==> flow/design.v <==
module my_selector_rtl #(
    parameter W = 32
) (
    input wire clk,
    input wire nrst,
    input wire [W-1:0] din0,
    input wire [W-1:0] din1,
    input wire [W-1:0] din2,
    input wire [W-1:0] din3,
    input wire [W-1:0] din4,
    input wire [W-1:0] din5,
    input wire [W-1:0] din6,
    input wire [W-1:0] din7,
    input wire [W-1:0] din8,
    input wire [W-1:0] din9,
    input wire [W-1:0] din10,
    input wire [W-1:0] din11,
    input wire [W-1:0] din12,
    input wire [W-1:0] din13,
    input wire [W-1:0] din14,
    input wire [W-1:0] din15,
    input wire [3:0] sel,
    output wire [W-1:0] q
);
    reg [W-1:0] din0_ff;
    reg [W-1:0] din1_ff;
    reg [W-1:0] din2_ff;
    reg [W-1:0] din3_ff;
    reg [W-1:0] din4_ff;
    reg [W-1:0] din5_ff;
    reg [W-1:0] din6_ff;
    reg [W-1:0] din7_ff;
    reg [W-1:0] din8_ff;
    reg [W-1:0] din9_ff;
    reg [W-1:0] din10_ff;
    reg [W-1:0] din11_ff;
    reg [W-1:0] din12_ff;
    reg [W-1:0] din13_ff;
    reg [W-1:0] din14_ff;
    reg [W-1:0] din15_ff;
    reg [3:0] sel_ff;
    always @(posedge clk or negedge nrst) begin
        if (!nrst) begin
            din0_ff <= 0;
            din1_ff <= 0;
            din2_ff <= 0;
            din3_ff <= 0;
            din4_ff <= 0;
            din5_ff <= 0;
            din6_ff <= 0;
            din7_ff <= 0;
            din8_ff <= 0;
            din9_ff <= 0;
            din10_ff <= 0;
            din11_ff <= 0;
            din12_ff <= 0;
            din13_ff <= 0;
            din14_ff <= 0;
            din15_ff <= 0;
            sel_ff <= 0;
        end else begin
            din0_ff <= din0;
            din1_ff <= din1;
            din2_ff <= din2;
            din3_ff <= din3;
            din4_ff <= din4;
            din5_ff <= din5;
            din6_ff <= din6;
            din7_ff <= din7;
            din8_ff <= din8;
            din9_ff <= din9;
            din10_ff <= din10;
            din11_ff <= din11;
            din12_ff <= din12;
            din13_ff <= din13;
            din14_ff <= din14;
            din15_ff <= din15;
            sel_ff <= sel;
        end
    end
    reg [W-1:0] t;
    always @* begin
        if (sel_ff == 0) t = din0_ff;
        else if (sel_ff == 1) t = din1_ff;
        else if (sel_ff == 2) t = din2_ff;
        else if (sel_ff == 3) t = din3_ff;
        else if (sel_ff == 4) t = din4_ff;
        else if (sel_ff == 5) t = din5_ff;
        else if (sel_ff == 6) t = din6_ff;
        else if (sel_ff == 7) t = din7_ff;
        else if (sel_ff == 8) t = din8_ff;
        else if (sel_ff == 9) t = din9_ff;
        else if (sel_ff == 10) t = din10_ff;
        else if (sel_ff == 11) t = din11_ff;
        else if (sel_ff == 12) t = din12_ff;
        else if (sel_ff == 13) t = din13_ff;
        else if (sel_ff == 14) t = din14_ff;
        else t = din15_ff;
    end
    assign q = t;
endmodule
## From RTL to reports: my_selector_rtl

The steps from the RTL of my_selector_rtl to its reports follow in flow order.
Line numbers count from 1 in the design file above.
Library cell names are shortened.
Not given: -

| inputs | value |
|---|---|
| top | my_selector_rtl |
| clock port | clk |
| standard-cell library | sky130hd |
| timing corner | tt_025C_1v80 |

## After elaboration

Yosys after proc, flatten, opt, wreduce and memory -nomap, before mapping. Enables and synchronous resets that opt folds into registers are not counted as muxes. Memory bits, and registers merged into a memory's read port (data or address), are not among the register bits. Print and check cells are not counted. Equal cells are merged and count once.

| bit counts | value |
|---|---|
| register bits after elaboration | 516 |
| input port bits | 518 |
| output and inout port bits | 32 |
| word-level cells | 47 |

| operators by class | value |
|---|---|
| equality and inequality tests | 14 |
| multiplexer cells | 15 |
| reductions and logical operators | 1 |

Operators by type and width:

| cell | count |
|---|---|
| 32-bit two-way mux | 15 |
| 4-bit equality test with constant B | 7 |
| 4-bit by 3-bit equality test with 1-bit output with constant B | 4 |
| 4-bit by 2-bit equality test with 1-bit output with constant B | 2 |
| 4-bit by 1-bit equality test with 1-bit output with constant B | 1 |
| 4-bit zero test | 1 |

## Logic depth

Yosys ltp: most cells in a row. Word level: on the elaborated netlist, between registers, memories and ports. Mapped: between sequential cells and ports; inverters and the memories' decode and read muxes count.

| depth | value |
|---|---|
| depth in word-level cells | 16 |
| ABC_AREA | 0 |
| gate-level depth with buffers | 9 |
| depth with buffers taken out | 5 |

## Mapped cells and area

The flow's flattened synthesis, as Yosys stat reports it; memories are mapped. The netlist is that of the ABC_AREA named above (0 if unset); the other value can give another one.

| synthesis totals | value |
|---|---|
| cells in the netlist | 1504 |
| mapped area | 19525.0 um2 |
| sequential area | 12912.4 um2 |
| flip-flop cells | 516 |

Cell types:

| type | count | total area (um2) |
|---|---|---|
| dfrtp_1 | 516 | 1.29E+04 |
| mux2i_1 | 80 | 800.768 |
| a21oi_1 | 127 | 635.61 |
| o21ai_0 | 79 | 395.379 |
| mux4_2 | 17 | 382.867 |
| o22ai_1 | 53 | 331.568 |
| nand2_1 | 80 | 300.288 |
| buf_2 | 54 | 270.259 |
| nor2_1 | 67 | 251.491 |
| a221oi_1 | 23 | 201.443 |
| a211oi_1 | 26 | 195.187 |
| buf_4 | 23 | 172.666 |
| mux2_2 | 13 | 146.39 |
| buf_6 | 12 | 135.13 |
| o221ai_1 | 15 | 131.376 |
| o22a_1 | 15 | 131.376 |
| a22oi_1 | 16 | 120.115 |
| clkbuf_1 | 31 | 116.362 |

Other cell types: 49; their cells: 257.

## Timing after synthesis

Source: OpenSTA report_checks on the synthesized netlist (no wires, ideal clock, input and output delay 20% of the period each), path of least setup slack; recovery checks are left aside. Register names are those of the netlist, which keeps one name where synthesis merged equal registers.

| timing path post-synthesis | value |
|---|---|
| kind | register to output |
| start | reg sel_ff[1] |
| end | out q[26] |
| clock period | 2.67 ns |
| output delay | 0.534 ns |
| launch time at the first pin | 0.000 ns |
| arrival time | 1.711 ns |
| slack | 0.425 ns |
| delay of the path | 1.711 ns |
| driving pins on the path | 9 |
| path buffers | 4 |
| period reached after synthesis | 2.245 ns |

"delay of the path" is the arrival time less input delay plus setup time.
At an output port there is no setup time.
"driving pins on the path" counts driving pins, that of a launching flip-flop among them; a cell with two outputs on the path counts twice.
"period reached after synthesis" = period - worst setup slack (recovery checks aside). The figure is calculated, with input and output delays left at 20% of the set period.
Between the ends stands the longest chain of elaborated cells between them, by number of cells; it is not shown to be the way that was timed. Of several equally long chains one is given.
A line is the first line of the expression or statement that the cell stems from. Yosys adds cells for indexed reads and writes and turns some case tables into memories.

| between the ends, post-synthesis | value |
|---|---|
| path through | dfrtp_1 -> buf_2 -> inv_1 -> buf_4 -> buf_2 -> clkbuf_1 -> o22ai_1 -> o21a_1 -> o31ai_1 |
| length of the longest elaborated chain | 16 |
| elaborated cells between the ends (all ways) | 30 |
| RTL lines with such cells | 15 |
| those cells by class | eq/ne: 14; mux: 15; reduce/logical: 1 |

RTL lines, path post-synthesis:

| item | RTL line | text |
|---|---|---|
| start: declaration | 41 | `reg [3:0] sel_ff;` |
| start: assignment | 60 | `sel_ff <= 0;` |
| start: assignment | 78 | `sel_ff <= sel;` |
| 4-bit equality test | 97 | `else if (sel_ff == 14) t = din14_ff;` |
| 32-bit two-way mux | 97 |  |
| 32-bit two-way mux | 96 | `else if (sel_ff == 13) t = din13_ff;` |
| 32-bit two-way mux | 95 | `else if (sel_ff == 12) t = din12_ff;` |
| 32-bit two-way mux | 94 | `else if (sel_ff == 11) t = din11_ff;` |
| 32-bit two-way mux | 93 | `else if (sel_ff == 10) t = din10_ff;` |
| 32-bit two-way mux | 92 | `else if (sel_ff == 9) t = din9_ff;` |
| (+2 left out) | - |  |
| 32-bit two-way mux | 89 | `else if (sel_ff == 6) t = din6_ff;` |
| 32-bit two-way mux | 88 | `else if (sel_ff == 5) t = din5_ff;` |
| 32-bit two-way mux | 87 | `else if (sel_ff == 4) t = din4_ff;` |
| 32-bit two-way mux | 86 | `else if (sel_ff == 3) t = din3_ff;` |
| 32-bit two-way mux | 85 | `else if (sel_ff == 2) t = din2_ff;` |
| 32-bit two-way mux | 84 | `else if (sel_ff == 1) t = din1_ff;` |
| 32-bit two-way mux | 83 | `if (sel_ff == 0) t = din0_ff;` |
| end: declaration | 23 | `output wire [W-1:0] q` |

## Timing after layout

Path of least setup slack in the final report of job 1 (OpenROAD, finished layout, wires in). Where an end is a register, its clock arrival counts in the times.

| timing path post-layout | value |
|---|---|
| kind | register to output |
| start | reg sel_ff[1] |
| end | out q[5] |
| clock period | 2.67 ns |
| output delay | 0.53 ns |
| launch time at the first pin | 0.59 ns |
| arrival time | 2.72 ns |
| slack | -0.58 ns |
| driving pins on the path | 10 |
| path buffers | 4 |

Between the ends stands the longest chain of elaborated cells between them, by number of cells; it is not shown to be the way that was timed. Of several equally long chains one is given.

| between the ends, post-layout | value |
|---|---|
| path through | dfrtp_4 -> buf_12 -> nor2b_4 -> buf_6 -> buf_6 -> a31oi_4 -> o2111ai_2 -> a221o_1 -> a21oi_1 -> buf_2 |
| length of the longest elaborated chain | 16 |
| elaborated cells between the ends (all ways) | 30 |
| RTL lines with such cells | 15 |
| those cells by class | eq/ne: 14; mux: 15; reduce/logical: 1 |

RTL lines, path post-layout:

| item | RTL line | text |
|---|---|---|
| start: declaration | 41 | `reg [3:0] sel_ff;` |
| start: assignment | 60 | `sel_ff <= 0;` |
| start: assignment | 78 | `sel_ff <= sel;` |
| 4-bit equality test | 97 | `else if (sel_ff == 14) t = din14_ff;` |
| 32-bit two-way mux | 97 |  |
| 32-bit two-way mux | 96 | `else if (sel_ff == 13) t = din13_ff;` |
| 32-bit two-way mux | 95 | `else if (sel_ff == 12) t = din12_ff;` |
| 32-bit two-way mux | 94 | `else if (sel_ff == 11) t = din11_ff;` |
| 32-bit two-way mux | 93 | `else if (sel_ff == 10) t = din10_ff;` |
| 32-bit two-way mux | 92 | `else if (sel_ff == 9) t = din9_ff;` |
| (+2 left out) | - |  |
| 32-bit two-way mux | 89 | `else if (sel_ff == 6) t = din6_ff;` |
| 32-bit two-way mux | 88 | `else if (sel_ff == 5) t = din5_ff;` |
| 32-bit two-way mux | 87 | `else if (sel_ff == 4) t = din4_ff;` |
| 32-bit two-way mux | 86 | `else if (sel_ff == 3) t = din3_ff;` |
| 32-bit two-way mux | 85 | `else if (sel_ff == 2) t = din2_ff;` |
| 32-bit two-way mux | 84 | `else if (sel_ff == 1) t = din1_ff;` |
| 32-bit two-way mux | 83 | `if (sel_ff == 0) t = din0_ff;` |
| end: declaration | 23 | `output wire [W-1:0] q` |

==> results <==
Design my_selector_rtl on sky130hd. What follows are 3 stored runs of the flow, each under its own settings; their order means nothing. The constraints put input and output delay at 20% of the set period each and load the outputs with 0.01 pF.
"period achieved" is the run's clock period less its worst setup slack. It is reckoned from that one timing run; input and output delays stay at 20% of the period that was set.
"critical path time" means the part of the period allowed to the worst setup path (the constraints hold back 20% at inputs and 20% at outputs) less its slack; where the path has registers, the arrival times of their clocks count too.
By "total power after layout" is meant OpenSTA's value without simulated activity: inputs other than the clock are taken to toggle once in ten clock periods, and the tool carries that through the logic.
Among the settings, -- means not set for that run.
A result given as -- is not shown for that run.

| run name | period_ns | CAP_MARGIN | CORE_MARGIN | CORE_UTILIZATION | SLEW_MARGIN | SETUP_SLACK_MARGIN | PLACE_DENSITY_LB_ADDON | TNS_END_PERCENT | ABC_AREA | GPL_TIMING_DRIVEN | GPL_ROUTABILITY_DRIVEN | CTS_CLUSTER_SIZE | PLACE_DENSITY | CORE_ASPECT_RATIO | CELL_PAD_IN_SITES_GLOBAL_PLACEMENT | CELL_PAD_IN_SITES_DETAIL_PLACEMENT | MIN_ROUTING_LAYER | critical path time (ns) | worst setup path kind | period achieved (ns) | worst setup slack after layout (ns) | total power after layout (uW) | post-route setup TNS (ns) | post-synthesis cell area (um2) | worst hold slack after layout (ns) | die area (um2) | utilization in the final report | standard-cell area after layout (um2) |
|---|---|---|---|---|---|---|---|---|---|---|---|---|---|---|---|---|---|---|---|---|---|---|---|---|---|---|---|---|
| job 1 | 2.67 | 20 | 2 | 40 | 20 | -- | -- | -- | -- | -- | -- | -- | -- | -- | -- | -- | -- | 2.72 | register to output | 3.252 | -0.582 | 18966 | -14.975 | 19525.0 | 0.372 | 50595.8 | 0.641 | 30754.5 |
| job 2 | 1.99 | 10 | 2 | 66 | 20 | 0.22 | 0.08 | 90 | 0 | 1 | 1 | 76 | -- | -- | -- | -- | -- | -- | -- | -- | -- | -- | -- | -- | -- | -- | -- | -- |
| job 3 | 1.75 | 20 | 2 | 53 | 20 | -- | -- | -- | -- | -- | -- | -- | 0.64 | 1.39 | 2 | 1 | met2 | -- | -- | -- | -- | -- | -- | -- | -- | -- | -- | -- |

Job 2: did not finish, clock tree synthesis stopped with DPL-0038
Job 3: did not finish, placement stopped with GPL-0301
